==> flow/design.v <==
module mult #(
  parameter WD = 8,
  parameter WAYS = 6,
  parameter RES_W = 2*WD + $clog2(WAYS)
) (
  input wire aclk,
  input wire rst_n,
  input wire [WAYS*WD-1:0] rs1,
  input wire [WAYS*WD-1:0] rs2,
  output reg [RES_W-1:0] out
);
  reg [WAYS*WD-1:0] rs1_s;
  always @(posedge aclk or negedge rst_n) begin
    if (!rst_n) begin
      rs1_s <= 0;
    end else begin
      rs1_s <= rs1;
    end
  end
  reg [WAYS*WD-1:0] rs2_s;
  always @(posedge aclk or negedge rst_n) begin
    if (!rst_n) begin
      rs2_s <= 0;
    end else begin
      rs2_s <= rs2;
    end
  end
  reg [RES_W-1:0] t;
  integer idx;
  always @(*) begin
    t = 0;
    for (idx = 0; idx < WAYS; idx = idx + 1)
      t = t + rs1_s[idx*WD +: WD] * rs2_s[idx*WD +: WD];
  end
  always @(posedge aclk or negedge rst_n) begin
    if (!rst_n) begin
      out <= 0;
    end else begin
      out <= t;
    end
  end
endmodule
Step by step through the tools: mult. What the tools print for mult, step after step. Lines are those of the file above, counted from 1. Operators: Yosys type, input widths -> output width; for muxes data width and select width s. Not given: --

Design top: mult. Clock input: aclk. Cell library: sky130hd. Timing corner: tt_025C_1v80.

Word level. Yosys after proc, flatten, opt, wreduce and memory -nomap, before mapping. Enables and synchronous resets that opt folds into registers are not counted as muxes. Memory bits, and registers merged into a memory's read port (data or address), are not among the register bits. Print and check cells are not counted. Equal cells are merged and count once.

The figure for bits in latches is 0. For output and inout bits the number is 19. Under memories kept stands 0. Bits in read-only memories: 0. The figure for clocked read ports x word width is 0. The entry for bits in writable memories reads 0. Input port bits: 98. Under register bits stands 115.

$mul: 6. Under bitwise gates (word level) stands 0. Muxes and demuxes: 0. The figure for $add $sub $neg is 5. The figure for magnitude comparators is 0. Divide/modulo/power cells: 0. Under eq/ne operators stands 0. The entry for shifts and indexed selects reads 0. Reduce/logical cells: 0.

Operators by type and width (count): $mul 8x8->16 (6); $add 19x16->19 (2); $add 18x16->19 (1); $add 17x16->18 (1); $add 16x16->17 (1).

Longest topological paths. Depth = most cells in a row (Yosys ltp): at word level without a register or memory, in the mapped netlist without a sequential cell, where the memories' decode and read muxes count.

Depth in word-level cells: 6. The entry for ABC_AREA reads 0. Gate-level depth with buffers: 27. The entry for mapped depth without buffers reads 26.

Mapped cells and area. Yosys stat after the flow's synthesis: flattened, memories mapped to cells. It holds for the ABC_AREA given above (unset counts as 0); a run with the other value may have another netlist.

The figure for standard cells after synthesis is 1548. The figure for chip area (Yosys) is 0.016427 mm2. The entry for mapped flip-flops reads 115. The figure for buffers is 2.

Cells by type: sky130_fd_sc_hd__fa_1 (count 351, total area 7.03E+03 um2); sky130_fd_sc_hd__dfrtp_1 (count 115, total area 2877.76 um2); sky130_fd_sc_hd__ha_1 (count 180, total area 2252.16 um2); sky130_fd_sc_hd__and2_1 (count 268, total area 1.68E+03 um2); sky130_fd_sc_hd__inv_1 (count 447, total area 1.68E+03 um2); sky130_fd_sc_hd__nand2_1 (count 125, total area 469.2 um2); sky130_fd_sc_hd__xnor2_1 (count 11, total area 96.342 um2); sky130_fd_sc_hd__a21o_1 (count 6, total area 45.043 um2); sky130_fd_sc_hd__a21oi_1 (count 9, total area 45.043 um2); sky130_fd_sc_hd__xor2_1 (count 4, total area 35.034 um2); sky130_fd_sc_hd__nor2_1 (count 7, total area 26.275 um2); sky130_fd_sc_hd__a41oi_2 (count 1, total area 16.266 um2); sky130_fd_sc_hd__o21a_1 (count 2, total area 15.014 um2); sky130_fd_sc_hd__o21ai_1 (count 3, total area 15.014 um2); sky130_fd_sc_hd__o21bai_1 (count 2, total area 15.014 um2); sky130_fd_sc_hd__a211oi_2 (count 1, total area 12.512 um2); sky130_fd_sc_hd__a31oi_1 (count 2, total area 12.512 um2); sky130_fd_sc_hd__nand4_1 (count 2, total area 12.512 um2).

Not listed: further types 11, cells in them 12.

Path before layout. Source: OpenSTA report_checks on the synthesized netlist (no wires, ideal clock, input and output delay 20% of the period each), path of least setup slack; recovery checks are left aside. Register names are those of the netlist, which keeps one name where synthesis merged equal registers.

Kind: register -> register. From: register rs1_s[43]. To: register out[15]. The entry for delay of the path reads 6.622 ns. The figure for driving pins on the path is 22. For arrival time the number is 6.494 ns. For required time the number is 8.152 ns. Under time at the first pin stands 0.000 ns. The figure for period is 8.28 ns. Setup slack: 1.658 ns. Under buffers on the path stands 0. Under synthesis period reached stands 6.622 ns.

"delay of the path" = arrival - input delay + setup time. "driving pins on the path": output pins that drive a net of the path, with the launching flip-flop's if there is one; two outputs of one cell count as two. "synthesis period reached" = period - worst setup slack (recovery checks aside). The figure is calculated, with input and output delays left at 20% of the set period. The rows between start and end are the longest chain of elaborated cells between them; the timing report does not say that the signal goes this way. Where chains are equally long, one stands for them. A line is the first line of the expression or statement that the cell stems from. Yosys adds cells for indexed reads and writes and turns some case tables into memories.

Path through: sky130_fd_sc_hd__dfrtp_1 -> sky130_fd_sc_hd__and2_1 -> sky130_fd_sc_hd__fa_1 -> sky130_fd_sc_hd__fa_1 -> sky130_fd_sc_hd__fa_1 -> sky130_fd_sc_hd__inv_1 -> sky130_fd_sc_hd__fa_1 -> sky130_fd_sc_hd__fa_1 -> sky130_fd_sc_hd__inv_1 -> sky130_fd_sc_hd__fa_1 -> sky130_fd_sc_hd__fa_1 -> sky130_fd_sc_hd__fa_1 -> sky130_fd_sc_hd__inv_1 -> sky130_fd_sc_hd__fa_1 -> sky130_fd_sc_hd__inv_1 -> sky130_fd_sc_hd__ha_1 -> sky130_fd_sc_hd__a21o_1 -> sky130_fd_sc_hd__a21oi_1 -> sky130_fd_sc_hd__a21boi_2 -> sky130_fd_sc_hd__a41oi_2 -> sky130_fd_sc_hd__o21bai_1 -> sky130_fd_sc_hd__xor2_1. Under length of the longest elaborated chain stands 2. For elaborated cells between the ends (all ways) the number is 2. The entry for source lines of those cells reads 1.

Ends and longest elaborated chain, post-synthesis: start, declared (line 12) `reg [WAYS*WD-1:0] rs1_s;`; start, assigned (line 15) `rs1_s <= 0;`; start, assigned (line 17) `rs1_s <= rs1;`; $mul 8x8->16 (line 33) `t = t + rs1_s[idx*WD +: WD] * rs2_s[idx*WD +: WD];`; $add 19x16->19 (line 33); end, assigned (line 37) `out <= 0;`; end, assigned (line 39) `out <= t;`; end, declared (line 10) `output reg [RES_W-1:0] out`.

Worst path after layout. Path of least setup slack in the final report of run B (OpenROAD, finished layout, wires in). Where an end is a register, its clock arrival counts in the times.

Kind: register -> register. From: register rs1_s[34]. To: register out[15]. The figure for period is 8.28 ns. For arrival time the number is 7.58 ns. For required time the number is 8.67 ns. The figure for driving pins on the path is 24. Setup slack: 1.09 ns. Under buffers on the path stands 0. Under time at the first pin stands 0.48 ns.

The rows between start and end are the longest chain of elaborated cells between them; the timing report does not say that the signal goes this way. Where chains are equally long, one stands for them.

Path through: sky130_fd_sc_hd__dfrtp_1 -> sky130_fd_sc_hd__nand2_1 -> sky130_fd_sc_hd__fa_1 -> sky130_fd_sc_hd__fa_1 -> sky130_fd_sc_hd__fa_1 -> sky130_fd_sc_hd__inv_1 -> sky130_fd_sc_hd__ha_1 -> sky130_fd_sc_hd__inv_1 -> sky130_fd_sc_hd__fa_1 -> sky130_fd_sc_hd__inv_1 -> sky130_fd_sc_hd__fa_1 -> sky130_fd_sc_hd__inv_1 -> sky130_fd_sc_hd__fa_1 -> sky130_fd_sc_hd__inv_1 -> sky130_fd_sc_hd__fa_1 -> sky130_fd_sc_hd__fa_1 -> sky130_fd_sc_hd__inv_1 -> sky130_fd_sc_hd__fa_1 -> sky130_fd_sc_hd__and2b_1 -> sky130_fd_sc_hd__o2111ai_1 -> sky130_fd_sc_hd__a21boi_2 -> sky130_fd_sc_hd__a41oi_2 -> sky130_fd_sc_hd__o21bai_1 -> sky130_fd_sc_hd__xor2_1. Under length of the longest elaborated chain stands 3. For elaborated cells between the ends (all ways) the number is 3. The entry for source lines of those cells reads 1.

Ends and longest elaborated chain, after layout: start, declared (line 12) `reg [WAYS*WD-1:0] rs1_s;`; start, assigned (line 15) `rs1_s <= 0;`; start, assigned (line 17) `rs1_s <= rs1;`; $mul 8x8->16 (line 33) `t = t + rs1_s[idx*WD +: WD] * rs2_s[idx*WD +: WD];`; $add 19x16->19 (2 in a row) (line 33); end, assigned (line 37) `out <= 0;`; end, assigned (line 39) `out <= t;`; end, declared (line 10) `output reg [RES_W-1:0] out`.

==> runs of mult <==
Settings and measured results of 3 stored flow runs for module mult (sky130hd), not sorted in any way. The constraints put input and output delay at 20% of the set period each and load the outputs with 0.01 pF. "clock period reached": clock period set for the run, less the worst setup slack. It is reckoned from that one timing run; input and output delays stay at 20% of the period that was set. "allowed time less slack (worst setup path)" = time allowed to the worst setup path (clock period - input delay - output delay, where it has them) - its slack; a late launch clock adds to it, a late capture clock takes from it.

Files of run A:
==> flow/run.sh <==
#!/bin/bash
# the make line also repeats the synthesis and layout settings of config.mk as NAME=value (left out here)
make -C /OpenROAD-flow-scripts/flow DESIGN_CONFIG=/design/flow/config.mk WORK_HOME=/design/flow/orfs CLKGATE_MAP_FILE= finish
==> flow/config.mk <==
export PLATFORM = sky130hd
export DESIGN_NAME = mult
export DESIGN_NICKNAME = mult
export VERILOG_FILES = /design/flow/design.v
export SDC_FILE = /design/flow/constraint.sdc
export NUM_CORES = 4
export LEC_CHECK = 0
export ABC_AREA = 1
export CAP_MARGIN = 40
export CELL_PAD_IN_SITES_DETAIL_PLACEMENT = 1
export CELL_PAD_IN_SITES_GLOBAL_PLACEMENT = 0
export CORE_MARGIN = 2
export CORE_UTILIZATION = 70
export GPL_ROUTABILITY_DRIVEN = 1
export HOLD_SLACK_MARGIN = 0.28
export SLEW_MARGIN = 20
==> flow/constraint.sdc <==
create_clock -name core_clock -period 4.66 [get_ports {aclk}]
set_input_delay 0.9320 -clock core_clock [delete_from_list [all_inputs] [get_ports {aclk}]]
set_output_delay 0.9320 -clock core_clock [all_outputs]
set_load 0.01 [all_outputs]

Outcome of run A: unfinished; error DPL-0033 in placement.

Files of run B:
==> flow/run.sh <==
#!/bin/bash
# the make line also repeats the synthesis and layout settings of config.mk as NAME=value (left out here)
make -C /OpenROAD-flow-scripts/flow DESIGN_CONFIG=/design/flow/config.mk WORK_HOME=/design/flow/orfs CLKGATE_MAP_FILE= finish
==> flow/config.mk <==
export PLATFORM = sky130hd
export DESIGN_NAME = mult
export DESIGN_NICKNAME = mult
export VERILOG_FILES = /design/flow/design.v
export SDC_FILE = /design/flow/constraint.sdc
export NUM_CORES = 4
export LEC_CHECK = 0
export CAP_MARGIN = 20
export CORE_MARGIN = 2
export CORE_UTILIZATION = 40
export SLEW_MARGIN = 20
==> flow/constraint.sdc <==
create_clock -name core_clock -period 8.28 [get_ports {aclk}]
set_input_delay 1.6560 -clock core_clock [delete_from_list [all_inputs] [get_ports {aclk}]]
set_output_delay 1.6560 -clock core_clock [all_outputs]
set_load 0.01 [all_outputs]

Results of run B. The netlist area reported by Yosys is 0.016427 mm2. The total negative slack stands at 0.000 ns. The area of the die stands at 0.0427042 mm2. The smallest hold slack comes to 0.949 ns. The post-layout utilization comes to 46.3%. The allowed time less slack (worst setup path) stands at 7.19 ns. Worst path kind: register -> register. The standard-cell area after layout is 0.0188043 mm2. For the clock period reached the run shows 7.186 ns. For the setup slack of the critical path the run shows 1.094 ns.

Files of run C:
==> flow/run.sh <==
#!/bin/bash
# the make line also repeats the synthesis and layout settings of config.mk as NAME=value (left out here)
make -C /OpenROAD-flow-scripts/flow DESIGN_CONFIG=/design/flow/config.mk WORK_HOME=/design/flow/orfs CLKGATE_MAP_FILE= finish
==> flow/config.mk <==
export PLATFORM = sky130hd
export DESIGN_NAME = mult
export DESIGN_NICKNAME = mult
export VERILOG_FILES = /design/flow/design.v
export SDC_FILE = /design/flow/constraint.sdc
export NUM_CORES = 4
export LEC_CHECK = 0
export CAP_MARGIN = 20
export CELL_PAD_IN_SITES_GLOBAL_PLACEMENT = 1
export CORE_MARGIN = 2
export CORE_UTILIZATION = 72
export CTS_CLUSTER_DIAMETER = 202
export GPL_TIMING_DRIVEN = 0
export MAX_ROUTING_LAYER = met5
export PLACE_DENSITY_LB_ADDON = 0.09
export SLEW_MARGIN = 20
export TNS_END_PERCENT = 35
==> flow/constraint.sdc <==
create_clock -name core_clock -period 5.46 [get_ports {aclk}]
set_input_delay 1.0920 -clock core_clock [delete_from_list [all_inputs] [get_ports {aclk}]]
set_output_delay 1.0920 -clock core_clock [all_outputs]
set_load 0.01 [all_outputs]

Outcome of run C: unfinished; error FLW-0024 in placement.
